==> flow/design.v <==
module my_add_p #(
    parameter DW = 10,
    parameter INPUTS = 3,
    parameter SUM_W = DW + $clog2(INPUTS)
) (
    input logic core_clk,
    input logic rst_n,
    input logic ce,
    input logic [INPUTS*DW-1:0] bus,
    output logic [SUM_W-1:0] sum
);
    logic [SUM_W-1:0] work;
    always_comb begin
        work = '0;
        for (int idx = 0; idx < INPUTS; idx++)
            work = work + bus[idx*DW +: DW];
    end
    logic [SUM_W-1:0] sum_r;
    always_ff @(posedge core_clk or negedge rst_n) begin
        if (!rst_n) begin
            sum_r <= '0;
        end else if (ce) begin
            sum_r <= work;
        end
    end
    assign sum = sum_r;
endmodule
# Reports on my_add_p
# Tool output for the design above, in the order of the flow.
# Line numbers count from 1 in the design file above.
# Cell names lack the library's common part.
# The mark -- stands for no value.
# design
top_module	my_add_p
clock	core_clk
library	sky130hd
corner	tt_025C_1v80

# Elaborated design
# Yosys after proc, flatten, opt, wreduce and memory -nomap, before mapping. Enables and synchronous resets that opt folds into registers are not counted as muxes. Memory bits, and registers merged into a memory's read port (data or address), are not among the register bits. Print and check cells are not counted. Equal cells are merged and count once.
# classes
add_sub_neg	2
# op_table
op	n
11-bit by 10-bit adder with 12-bit output	1
10-bit by 10-bit adder with 11-bit output	1
# word_totals
reg_bits	12
input_bits	33
word_cells	3

# Depth
# Depth = most cells in a row (Yosys ltp): at word level without a register or memory, in the mapped netlist without a sequential cell, where the memories' decode and read muxes count.
# depth
depth_word	2
ABC_AREA	0
ltp_mapped	11

# Synthesis result
# Yosys stat after the flow's synthesis: flattened, memories mapped to cells. It holds for the ABC_AREA given above (unset counts as 0); a run with the other value may have another netlist.
# The area totals of this step are shown rounded.
# by_type
cell_type	n
dfrtp_1	12
fa_1	11
ha_1	9
inv_1	18
mux2_2	5
o21ai_0	9
a21oi_1	6
a211oi_1	3
mux2i_1	2
nor2_1	5
xnor2_1	2
o41ai_2	1
a21o_1	2
mux2_4	1
o21a_1	2
o31ai_1	2
nor2b_4	1
o22ai_1	2
# Not listed: further types 11, cells in them 14.
# synth_totals
mapped_cells	107
synth_area_um2	1100
ff_cells	12
n_buf	2

# Timing after synthesis
# Source: OpenSTA report_checks on the synthesized netlist (no wires, ideal clock, input and output delay 20% of the period each), path of least setup slack; recovery checks are left aside. Register names are those of the netlist, which keeps one name where synthesis merged equal registers.
# synth_path
kind	input port to flip-flop
startpoint	input port bus[1]
endpoint	register sum_r[7]
period_ns	3.29
setup_time_ns	0.120
t_first_pin_ns	0.658
arrival_ns	2.645
slack_ns	0.525
delay_ns	2.107
stages	9
n_path_buf	0
period_less_setup_slack_ns	2.765
# "delay_ns" = arrival - input delay + setup time.
# "stages": output pins that drive a net of the path, with the launching flip-flop's if there is one; two outputs of one cell count as two.
# "period_less_setup_slack_ns" = period - worst setup slack (recovery checks aside). The figure is calculated, with input and output delays left at 20% of the set period.
# The rows between start and end are the longest chain of elaborated cells between them; the timing report does not say that the signal goes this way. Where chains are equally long, one stands for them.
# A line is the first line of the expression or statement that the cell stems from. Yosys adds cells for indexed reads and writes and turns some case tables into memories.
# synth_via
cell_sequence	fa_1 > ha_1 > inv_1 > fa_1 > nor2b_4 > o31a_1 > o21ai_0 > a21o_1 > a31o_2
elab_chain_len	2
cone_cells	2
lines_between	1
cone_classes	add/sub: 2
# synth_lines
item	line	source
from (decl)	9	input logic [INPUTS*DW-1:0] bus,
10-bit by 10-bit adder with 11-bit output	16	work = work + bus[idx*DW +: DW];
11-bit by 10-bit adder with 12-bit output	16
to (assign)	21	sum_r <= '0;
to (assign)	23	sum_r <= work;
to (decl)	18	logic [SUM_W-1:0] sum_r;

# Path in the finished layout
# Path of least setup slack in the final report of entry B (OpenROAD, finished layout, wires in). Where an end is a register, its clock arrival counts in the times.
# layout_path
kind	input port to flip-flop
startpoint	input port bus[1]
endpoint	register sum_r[7]
period_ns	3.29
setup_time_ns	0.11
t_first_pin_ns	0.66
arrival_ns	3.21
slack_ns	0.24
stages	10
n_path_buf	1
# The rows between start and end are the longest chain of elaborated cells between them; the timing report does not say that the signal goes this way. Where chains are equally long, one stands for them.
# layout_via
cell_sequence	clkdlybuf4s50_1 > fa_1 > ha_1 > inv_1 > fa_1 > nor2b_4 > o31a_1 > o21ai_0 > a21o_1 > a31o_2
elab_chain_len	2
cone_cells	2
lines_between	1
cone_classes	add/sub: 2
# layout_lines
item	line	source
from (decl)	9	input logic [INPUTS*DW-1:0] bus,
10-bit by 10-bit adder with 11-bit output	16	work = work + bus[idx*DW +: DW];
11-bit by 10-bit adder with 12-bit output	16
to (assign)	21	sum_r <= '0;
to (assign)	23	sum_r <= work;
to (decl)	18	logic [SUM_W-1:0] sum_r;

# my_add_p through Yosys and OpenROAD on sky130hd: 3 stored runs, unordered, with their settings and measured results. The constraints put input and output delay at 20% of the set period each and load the outputs with 0.01 pF.
# Results are given in rounded form.
# Settings: -- = not set for that run.
# Among the results, -- means that no value is shown for the run.
stored run	period_ns	CORE_UTILIZATION	SETUP_SLACK_MARGIN	PLACE_DENSITY_LB_ADDON	CORE_MARGIN	CELL_PAD_IN_SITES_GLOBAL_PLACEMENT	TNS_END_PERCENT	ABC_AREA	CTS_CLUSTER_DIAMETER	MIN_ROUTING_LAYER	CAP_MARGIN	SLEW_MARGIN	HOLD_SLACK_MARGIN	CORE_ASPECT_RATIO	CELL_PAD_IN_SITES_DETAIL_PLACEMENT	CTS_CLUSTER_SIZE	MAX_ROUTING_LAYER	synth_chip_area_um2	dieArea_um2	cell_area_final_um2	finalUtil_pct	ws_setup_ns	total_negative_slack_ns	ws_hold_ns
entry A	3.99	52	0.2	0.06	5	2	55	0	302	met2	20	20	--	--	--	--	--	--	--	--	--	--	--	--
entry B	3.29	40	--	--	2	--	--	--	--	--	20	20	--	--	--	--	--	1100	3170	1600	63.0	0.236	0.000	0.506
entry C	4.53	54	-0.38	0.24	2	1	--	1	--	met1	10	20	0.19	1.94	1	91	met5	--	--	--	--	--	--	--
# Entry A: stopped before the end: placement reported FLW-0024
# Entry C: stopped before the end: placement reported FLW-0024
